==> flow/design.v <==
module my_mplex_p #(
  parameter NBITS = 2,
  parameter WAYS = 4,
  parameter LG = $clog2(WAYS)
) (
  input  wire ck,
  input  wire rst,
  input  wire en,
  input  wire [WAYS*NBITS-1:0] val_i,
  input  wire [LG-1:0] addr_i,
  output wire [NBITS-1:0] y_o
);
  reg [WAYS*NBITS-1:0] val_reg;
  reg [LG-1:0] addr_reg;
  wire [NBITS-1:0] opt [0:WAYS-1];
  genvar g;
  generate
    for (g = 0; g < WAYS; g = g + 1) begin : lane
      assign opt[g] = val_reg[g*NBITS +: NBITS];
    end
  endgenerate
  assign y_o = opt[addr_reg];
  always @(posedge ck or posedge rst) begin
    if (rst) begin
      val_reg <= 0;
      addr_reg <= 0;
    end else if (en) begin
      val_reg <= val_i;
      addr_reg <= addr_i;
    end
  end
endmodule
[Tool chain data of my_mplex_p]
The steps from the RTL of my_mplex_p to its reports follow in flow order.
Lines are those of the file above, counted from 1.
Operators carry their Yosys type and port widths (W data, S select, Z words).
A cell with n/a has no value.
Inputs
  top: my_mplex_p
  clock port: ck
  standard-cell library: sky130hd
  timing corner: tt_025C_1v80

[Elaborated design]
Yosys after proc, flatten, opt, wreduce and memory -nomap, before mapping. Enables and synchronous resets that opt folds into registers are not counted as muxes. Print and check cells are not counted. Equal cells are merged and count once.
Operators by class
  multiplexer cells: 1
  equal/unequal tests: 3
  reductions and logical operators: 1
Operators with widths (count)
  $pmux W2 S4: 1
  $eq A2 B2 Y1 const B: 2
  $eq A2 B1 Y1 const B: 1
  $logic_not A2 Y1: 1
Storage and ports
  output and inout bits: 2
  word-level cells: 7
  flip-flop bits (word level): 10
  input bits: 13

[Depth]
Longest topological path by Yosys (ltp), each cell counted once; first at word level (registers and memories cut), then after technology mapping (sequential cells cut; the memories' decode and read muxes count).
Logic depth
  word-level depth: 2
  ABC_AREA: 0
  gate-level depth with buffers: 2
  depth with buffers taken out: 1

[Mapped cells and area]
The flow's flattened synthesis, as Yosys stat reports it; memories are mapped. The netlist is that of the ABC_AREA named above (0 if unset); the other value can give another one.
Cell types
  sky130_fd_sc_hd__dfrtp_1: count 10, total area 250.24 um^2
  sky130_fd_sc_hd__mux2_2: count 10, total area 112.608 um^2
  sky130_fd_sc_hd__mux4_1: count 2, total area 52.55 um^2
  sky130_fd_sc_hd__buf_2: count 1, total area 5.005 um^2
  sky130_fd_sc_hd__inv_1: count 1, total area 3.754 um^2
Synthesis totals
  cells in the netlist: 24
  buffers: 1
  chip area (Yosys): 0.0004242 mm^2
  sequential area: 0.0002502 mm^2
  mapped flip-flops: 10

[Path before layout]
Source: OpenSTA report_checks on the synthesized netlist (no wires, ideal clock, input and output delay 20% of the period each), path of least setup slack; recovery checks are left aside. Register names are those of the netlist, which keeps one name where synthesis merged equal registers.
Path post-synthesis
  path kind: register -> output
  from: register addr_reg[0]
  to: output port y_o[0]
  output delay: 0.300 ns
  delay of the path: 0.962 ns
  period: 1.5 ns
  launch time at the first pin: 0.000 ns
  slack: 0.238 ns
  data arrival time: 0.962 ns
  buffers on the path: 0
  stages on the path: 2
  data required time: 1.200 ns
  synthesis period reached: 1.262 ns
"delay of the path" is the arrival time less input delay plus setup time.
A path that ends at an output port has no setup time.
"stages on the path": output pins that drive a net of the path, with the launching flip-flop's if there is one; two outputs of one cell count as two.
"synthesis period reached" is the clock period less the worst setup slack; recovery checks do not enter. This is arithmetic on one report: input and output delays are still those of the set period (20% each).
The rows between start and end are the longest chain of elaborated cells between them; the timing report does not say that the signal goes this way. Where chains are equally long, one stands for them.
Each line given opens the expression or statement behind the cell; cells for indexed reads and writes are added by Yosys, which also makes memories of some case tables.
On the way, post-synthesis
  cells stage by stage: sky130_fd_sc_hd__dfrtp_1 > sky130_fd_sc_hd__mux4_1
  cells in the longest elaborated chain: 2
  elaborated cells on any way between the ends: 5
  RTL lines with such cells: 1
  classes of those cells: 3 x eq/ne; 1 x mux; 1 x reduce/logical
Ends and longest elaborated chain, post-synthesis
  start: declaration: line 14  | reg [LG-1:0] addr_reg;
  start: assignment: line 26  | addr_reg <= 0;
  start: assignment: line 29  | addr_reg <= addr_i;
  $eq A2 B2 Y1: line 22  | assign y_o = opt[addr_reg];
  $pmux W2 S4: line 22
  end: declaration: line 11  | output wire [NBITS-1:0] y_o

[Worst path after layout]
From the final timing report of run 3: the path of least setup slack in the routed layout; clock arrival at registers is part of the times.
Path after layout
  path kind: register -> output
  from: register addr_reg[0]
  to: output port y_o[0]
  data arrival time: 1.31 ns
  data required time: 1.20 ns
  buffers on the path: 1
  launch time at the first pin: 0.23 ns
  output delay: 0.30 ns
  slack: -0.11 ns
  stages on the path: 3
  period: 1.5 ns
The rows between start and end are the longest chain of elaborated cells between them; the timing report does not say that the signal goes this way. Where chains are equally long, one stands for them.
On the way, after layout
  cells stage by stage: sky130_fd_sc_hd__dfrtp_1 > sky130_fd_sc_hd__mux4_2 > sky130_fd_sc_hd__buf_6
  cells in the longest elaborated chain: 2
  elaborated cells on any way between the ends: 5
  RTL lines with such cells: 1
  classes of those cells: 3 x eq/ne; 1 x mux; 1 x reduce/logical
Ends and longest elaborated chain, after layout
  start: declaration: line 14  | reg [LG-1:0] addr_reg;
  start: assignment: line 26  | addr_reg <= 0;
  start: assignment: line 29  | addr_reg <= addr_i;
  $eq A2 B2 Y1: line 22  | assign y_o = opt[addr_reg];
  $pmux W2 S4: line 22
  end: declaration: line 11  | output wire [NBITS-1:0] y_o

Settings and measured results of 3 stored flow runs for module my_mplex_p (sky130hd), not sorted in any way. The constraints put input and output delay at 20% of the set period each and load the outputs with 0.01 pF.
"achieved clock period": clock period set for the run, less the worst setup slack. It is reckoned from that one timing run; input and output delays stay at 20% of the period that was set.

Run 1
==> flow/run.sh <==
#!/bin/bash
# the make line also repeats the synthesis and layout settings of config.mk as NAME=value (left out here)
make -C /OpenROAD-flow-scripts/flow DESIGN_CONFIG=/design/flow/config.mk WORK_HOME=/design/flow/orfs CLKGATE_MAP_FILE= finish
==> flow/config.mk <==
export PLATFORM = sky130hd
export DESIGN_NAME = my_mplex_p
export DESIGN_NICKNAME = my_mplex_p
export VERILOG_FILES = /design/flow/design.v
export SDC_FILE = /design/flow/constraint.sdc
export NUM_CORES = 4
export LEC_CHECK = 0
export CAP_MARGIN = 20
export CELL_PAD_IN_SITES_DETAIL_PLACEMENT = 1
export CORE_MARGIN = 2
export CORE_UTILIZATION = 56
export GPL_ROUTABILITY_DRIVEN = 0
export MAX_ROUTING_LAYER = met5
export MIN_ROUTING_LAYER = met1
export PLACE_DENSITY = 0.89
export SLEW_MARGIN = 20
==> flow/constraint.sdc <==
create_clock -name core_clock -period 2.01 [get_ports {ck}]
set_input_delay 0.4020 -clock core_clock [delete_from_list [all_inputs] [get_ports {ck}]]
set_output_delay 0.4020 -clock core_clock [all_outputs]
set_load 0.01 [all_outputs]

==> results of run 1 <==
did not finish, floorplanning stopped with PDN-0185

Run 2
==> flow/run.sh <==
#!/bin/bash
# the make line also repeats the synthesis and layout settings of config.mk as NAME=value (left out here)
make -C /OpenROAD-flow-scripts/flow DESIGN_CONFIG=/design/flow/config.mk WORK_HOME=/design/flow/orfs CLKGATE_MAP_FILE= finish
==> flow/config.mk <==
export PLATFORM = sky130hd
export DESIGN_NAME = my_mplex_p
export DESIGN_NICKNAME = my_mplex_p
export VERILOG_FILES = /design/flow/design.v
export SDC_FILE = /design/flow/constraint.sdc
export NUM_CORES = 4
export LEC_CHECK = 0
export CAP_MARGIN = 20
export CORE_MARGIN = 6
export CORE_UTILIZATION = 58
export CTS_CLUSTER_SIZE = 40
export HOLD_SLACK_MARGIN = 0.17
export MIN_ROUTING_LAYER = met2
export PLACE_DENSITY_LB_ADDON = 0.12
export SLEW_MARGIN = 20
==> flow/constraint.sdc <==
create_clock -name core_clock -period 1.76 [get_ports {ck}]
set_input_delay 0.3520 -clock core_clock [delete_from_list [all_inputs] [get_ports {ck}]]
set_output_delay 0.3520 -clock core_clock [all_outputs]
set_load 0.01 [all_outputs]

==> results of run 2 <==
did not finish, floorplanning stopped with PDN-0185

Run 3
==> flow/run.sh <==
#!/bin/bash
# the make line also repeats the synthesis and layout settings of config.mk as NAME=value (left out here)
make -C /OpenROAD-flow-scripts/flow DESIGN_CONFIG=/design/flow/config.mk WORK_HOME=/design/flow/orfs CLKGATE_MAP_FILE= finish
==> flow/config.mk <==
export PLATFORM = sky130hd
export DESIGN_NAME = my_mplex_p
export DESIGN_NICKNAME = my_mplex_p
export VERILOG_FILES = /design/flow/design.v
export SDC_FILE = /design/flow/constraint.sdc
export NUM_CORES = 4
export LEC_CHECK = 0
export CAP_MARGIN = 20
export CORE_MARGIN = 2
export CORE_UTILIZATION = 40
export SLEW_MARGIN = 20
==> flow/constraint.sdc <==
create_clock -name core_clock -period 1.5 [get_ports {ck}]
set_input_delay 0.3000 -clock core_clock [delete_from_list [all_inputs] [get_ports {ck}]]
set_output_delay 0.3000 -clock core_clock [all_outputs]
set_load 0.01 [all_outputs]

==> results of run 3 <==
chip area after synthesis (Yosys): 0.0004242 mm^2
die area: 0.001337 mm^2
standard-cell area of the final layout: 0.0006193 mm^2
utilization: 64.3 %
worst setup slack after layout: -0.108 ns
achieved clock period: 1.608 ns
